==> flow/design.v <==
module mem_rtl #(
  parameter NWORDS = 40,
  parameter NBITS = 12,
  parameter AW = $clog2(NWORDS)
) (
  input CLK,
  input wen,
  input [AW-1:0] waddr,
  input [NBITS-1:0] d,
  input [AW-1:0] raddr_a,
  input [AW-1:0] raddr_b,
  output reg [NBITS-1:0] dout_a,
  output reg [NBITS-1:0] dout_b
);
  reg [NBITS-1:0] array [0:NWORDS-1];
  always @(posedge CLK) begin
    if (wen)
      array[waddr] <= d;
  end
  always @(posedge CLK) begin
    dout_a <= array[raddr_a];
    dout_b <= array[raddr_b];
  end
endmodule
* Step by step through the tools: mem_rtl
What the tools print for mem_rtl, step after step.
Line numbers count from 1 in the design file above.
Operators: Yosys type, input widths -> output width; for muxes data width and select width s.
Not given: -
- Top :: mem_rtl
- Clock input :: CLK
- Standard-cell library :: sky130hd
- Timing corner :: tt_025C_1v80

* After elaboration
Source: Yosys, flattened and elaborated, memories not mapped. Widths are those after wreduce; folded enables and synchronous resets count as part of the registers. Registers that Yosys merges into a memory's read port (data or address) are not register bits. Print and check cells do not count. Equal cells are merged and count once.
Memory sizes are those after Yosys's memory passes, which may raise the word count (mostly to a power of two), join words into wider ones and drop unused or constant bits.
- Register bits after elaboration :: 0
- Bits in latches :: 0
- Memory bits (writable) :: 480
- ROM bits :: 0
- Word width x clocked read ports :: 24
- Memory cells :: 1
- Bits of input ports :: 32
- Output and inout port bits :: 24
- Cells after elaboration :: 4
- $add $sub $neg :: 0
- $mul :: 0
- Div/mod/pow operators :: 0
- $lt $le $gt $ge :: 0
- Equality and inequality tests :: 0
- Shift-type cells :: 0
- Muxes and demuxes :: 3
- Bitwise logic cells :: 0
- Reduce/logical cells :: 0
** Memory list
- array :: depth 40, bits a word 12, rd ports 2, write ports 1, line 15 : reg [NBITS-1:0] array [0:NWORDS-1];
** Operators by type and width (count)
- $mux 12 :: 1
- $mux 6 :: 1
- $mux 1 :: 1

* Longest topological paths
Longest topological path by Yosys (ltp), each cell counted once; first at word level (registers and memories cut), then after technology mapping (sequential cells cut; the memories' decode and read muxes count).
- Depth in word-level cells :: 1
- ABC_AREA :: 0
- Depth in mapped cells :: 8
- Gate-level depth less buffers :: 5

* Mapped cells and area
The flow's flattened synthesis, as Yosys stat reports it; memories are mapped. The netlist is that of the ABC_AREA named above (0 if unset); the other value can give another one.
The area totals of this step are shown rounded.
- Cells in the netlist :: 1463
- Mapped area :: 24000 um2
- Sequential part of the area :: 15000 um2
- Flip-flops :: 504
- Buffers :: 111
** Cell types
- sky130_fd_sc_hd__edfxtp_1 :: count 480, total area 1.44E+04 um2
- sky130_fd_sc_hd__mux2i_1 :: count 384, total area 3.84E+03 um2
- sky130_fd_sc_hd__mux4_2 :: count 48, total area 1.08E+03 um2
- sky130_fd_sc_hd__a221oi_2 :: count 48, total area 720.691 um2
- sky130_fd_sc_hd__a22oi_1 :: count 96, total area 720.691 um2
- sky130_fd_sc_hd__dfxtp_1 :: count 24, total area 480.461 um2
- sky130_fd_sc_hd__a22o_1 :: count 48, total area 420.403 um2
- sky130_fd_sc_hd__o41ai_2 :: count 24, total area 390.374 um2
- sky130_fd_sc_hd__mux2_2 :: count 24, total area 270.259 um2
- sky130_fd_sc_hd__a21oi_1 :: count 48, total area 240.23 um2
- sky130_fd_sc_hd__buf_4 :: count 22, total area 165.158 um2
- sky130_fd_sc_hd__nor2_1 :: count 43, total area 161.405 um2
- sky130_fd_sc_hd__clkbuf_1 :: count 42, total area 157.651 um2
- sky130_fd_sc_hd__buf_8 :: count 10, total area 150.144 um2
- sky130_fd_sc_hd__o22ai_1 :: count 24, total area 150.144 um2
- sky130_fd_sc_hd__buf_6 :: count 12, total area 135.13 um2
- sky130_fd_sc_hd__nand2_1 :: count 33, total area 123.869 um2
- sky130_fd_sc_hd__buf_2 :: count 15, total area 75.072 um2
Other cell types: 12; their cells: 38.

* Path before layout
Source: OpenSTA report_checks on the synthesized netlist (no wires, ideal clock, input and output delay 20% of the period each), path of least setup slack; recovery checks are left aside. Register names are those of the netlist, which keeps one name where synthesis merged equal registers.
- Path type :: in2reg
- Start :: input waddr[3]
- End :: memory array[0][0]
- Period :: 2.78 ns
- Input delay :: 0.556 ns
- Library setup time :: 0.396 ns
- Launch time at the first pin :: 0.556 ns
- Data arrival time :: 1.938 ns
- Required time :: 2.384 ns
- Setup slack :: 0.446 ns
- Delay of the path :: 1.778 ns
- Stages :: 3
- Buffers on the path :: 0
- Synthesis period reached :: 2.334 ns
"delay of the path" is the arrival time less input delay plus setup time.
"stages": output pins that drive a net of the path, with the launching flip-flop's if there is one; two outputs of one cell count as two.
"synthesis period reached" = period - worst setup slack (recovery checks aside). The figure is calculated, with input and output delays left at 20% of the set period.
The rows between start and end are the longest chain of elaborated cells between them; the timing report does not say that the signal goes this way. Where chains are equally long, one stands for them.
A line is the first line of the expression or statement that the cell stems from. Yosys adds cells for indexed reads and writes and turns some case tables into memories.
- Cells stage by stage :: sky130_fd_sc_hd__nor4b_1 sky130_fd_sc_hd__nand2b_1 sky130_fd_sc_hd__nor3_1
- Cells in the longest elaborated chain :: 1
- Elaborated cells between the ends (all ways) :: 1
- RTL lines with such cells :: 1
- Classes of those cells :: mux (1)
** Ends and longest elaborated chain, after synthesis
- start, declared :: line 8 : input [AW-1:0] waddr,
- $mux 6 :: line 17 : if (wen)
- end, declared :: line 15 : reg [NBITS-1:0] array [0:NWORDS-1];

* Worst path after layout
From the final timing report of stored run 1: the path of least setup slack in the routed layout; clock arrival at registers is part of the times.
- Path type :: in2reg
- Start :: input raddr_a[1]
- End :: register dout_a[4]
- Period :: 2.78 ns
- Input delay :: 0.56 ns
- Library setup time :: 0.15 ns
- Launch time at the first pin :: 0.56 ns
- Data arrival time :: 3.00 ns
- Required time :: 3.24 ns
- Setup slack :: 0.24 ns
- Stages :: 8
- Buffers on the path :: 3
- Cells stage by stage :: sky130_fd_sc_hd__clkdlybuf4s50_1 sky130_fd_sc_hd__and2_2 sky130_fd_sc_hd__buf_12 sky130_fd_sc_hd__buf_4 sky130_fd_sc_hd__a22o_1 sky130_fd_sc_hd__a221oi_2 sky130_fd_sc_hd__o22ai_1 sky130_fd_sc_hd__o41ai_2
** Ends and longest elaborated chain, after layout
- start, declared :: line 10 : input [AW-1:0] raddr_a,
- end, declared :: line 12 : output reg [NBITS-1:0] dout_a,
No chain of elaborated cells between the ends is given.

Subject: flow runs of mem_rtl

Hi,

Measured results for mem_rtl: 3 stored runs of the Yosys and OpenROAD flow on sky130hd. The settings differ; the order carries no meaning. The constraints put input and output delay at 20% of the set period each and load the outputs with 0.01 pF.
"achieved clock period": clock period set for the run, less the worst setup slack. It is reckoned from that one timing run; input and output delays stay at 20% of the period that was set.
"worst setup path time" = time allowed to the worst setup path (clock period - input delay - output delay, where it has them) - its slack; a late launch clock adds to it, a late capture clock takes from it.
By "overall power" is meant OpenSTA's value without simulated activity: inputs other than the clock are taken to toggle once in ten clock periods, and the tool carries that through the logic.
Results are given in rounded form.

* Stored run 1
** Files
==> flow/run.sh <==
#!/bin/bash
# the make line also repeats the synthesis and layout settings of config.mk as NAME=value (left out here)
make -C /OpenROAD-flow-scripts/flow DESIGN_CONFIG=/design/flow/config.mk WORK_HOME=/design/flow/orfs CLKGATE_MAP_FILE= finish
==> flow/config.mk <==
export PLATFORM = sky130hd
export DESIGN_NAME = mem_rtl
export DESIGN_NICKNAME = mem_rtl
export VERILOG_FILES = /design/flow/design.v
export SDC_FILE = /design/flow/constraint.sdc
export NUM_CORES = 4
export LEC_CHECK = 0
export CAP_MARGIN = 20
export CORE_MARGIN = 2
export CORE_UTILIZATION = 40
export SLEW_MARGIN = 20
==> flow/constraint.sdc <==
create_clock -name core_clock -period 2.78 [get_ports {CLK}]
set_input_delay 0.5560 -clock core_clock [delete_from_list [all_inputs] [get_ports {CLK}]]
set_output_delay 0.5560 -clock core_clock [all_outputs]
set_load 0.01 [all_outputs]
** Results
- Standard-cell area after layout :: 29000 um2
- Total negative slack on setup checks :: 0.000 ns
- Achieved clock period :: 2.540 ns
- Worst setup slack after layout :: 0.24 ns
- Overall power :: 18000 uW
- Utilization in the final report :: 49 %
- Synthesized cell area :: 24000 um2
- Area of the die :: 62000 um2
- Smallest hold slack :: 0.65 ns
- Worst setup path time :: 1.98 ns
- Worst setup path type :: in2reg

* Stored run 2
** Files
==> flow/run.sh <==
#!/bin/bash
# the make line also repeats the synthesis and layout settings of config.mk as NAME=value (left out here)
make -C /OpenROAD-flow-scripts/flow DESIGN_CONFIG=/design/flow/config.mk WORK_HOME=/design/flow/orfs CLKGATE_MAP_FILE= finish
==> flow/config.mk <==
export PLATFORM = sky130hd
export DESIGN_NAME = mem_rtl
export DESIGN_NICKNAME = mem_rtl
export VERILOG_FILES = /design/flow/design.v
export SDC_FILE = /design/flow/constraint.sdc
export NUM_CORES = 4
export LEC_CHECK = 0
export CAP_MARGIN = 35
export CELL_PAD_IN_SITES_DETAIL_PLACEMENT = 2
export CORE_MARGIN = 2
export CORE_UTILIZATION = 38
export GPL_ROUTABILITY_DRIVEN = 1
export MIN_ROUTING_LAYER = met1
export PLACE_DENSITY = 0.53
export SETUP_SLACK_MARGIN = -0.15
export SLEW_MARGIN = 20
==> flow/constraint.sdc <==
create_clock -name core_clock -period 1.51 [get_ports {CLK}]
set_input_delay 0.3020 -clock core_clock [delete_from_list [all_inputs] [get_ports {CLK}]]
set_output_delay 0.3020 -clock core_clock [all_outputs]
set_load 0.01 [all_outputs]
** Results
- Standard-cell area after layout :: 31000 um2
- Total negative slack on setup checks :: -14 ns
- Achieved clock period :: 1.732 ns
- Worst setup slack after layout :: -0.22 ns
- Overall power :: 33000 uW
- Utilization in the final report :: 49 %
- Synthesized cell area :: 24000 um2
- Area of the die :: 65000 um2
- Smallest hold slack :: 0.043 ns
- Worst setup path time :: 1.43 ns
- Worst setup path type :: in2reg

* Stored run 3
** Files
==> flow/run.sh <==
#!/bin/bash
# the make line also repeats the synthesis and layout settings of config.mk as NAME=value (left out here)
make -C /OpenROAD-flow-scripts/flow DESIGN_CONFIG=/design/flow/config.mk WORK_HOME=/design/flow/orfs CLKGATE_MAP_FILE= finish
==> flow/config.mk <==
export PLATFORM = sky130hd
export DESIGN_NAME = mem_rtl
export DESIGN_NICKNAME = mem_rtl
export VERILOG_FILES = /design/flow/design.v
export SDC_FILE = /design/flow/constraint.sdc
export NUM_CORES = 4
export LEC_CHECK = 0
export ABC_AREA = 0
export CAP_MARGIN = 20
export CELL_PAD_IN_SITES_DETAIL_PLACEMENT = 1
export CELL_PAD_IN_SITES_GLOBAL_PLACEMENT = 1
export CORE_ASPECT_RATIO = 0.64
export CORE_MARGIN = 2
export CORE_UTILIZATION = 42
export CTS_CLUSTER_SIZE = 61
export GPL_TIMING_DRIVEN = 1
export MAX_ROUTING_LAYER = met4
export MIN_ROUTING_LAYER = met2
export PLACE_DENSITY_LB_ADDON = 0.03
export SETUP_SLACK_MARGIN = 0.38
export SLEW_MARGIN = 20
export TNS_END_PERCENT = 60
==> flow/constraint.sdc <==
create_clock -name core_clock -period 1.89 [get_ports {CLK}]
set_input_delay 0.3780 -clock core_clock [delete_from_list [all_inputs] [get_ports {CLK}]]
set_output_delay 0.3780 -clock core_clock [all_outputs]
set_load 0.01 [all_outputs]
** Results
- Standard-cell area after layout :: 32000 um2
- Total negative slack on setup checks :: -0.085 ns
- Achieved clock period :: 1.975 ns
- Worst setup slack after layout :: -0.085 ns
- Overall power :: 27000 uW
- Utilization in the final report :: 57 %
- Synthesized cell area :: 24000 um2
- Area of the die :: 59000 um2
- Smallest hold slack :: 0.29 ns
- Worst setup path time :: 1.97 ns
- Worst setup path type :: reg2reg

Regards
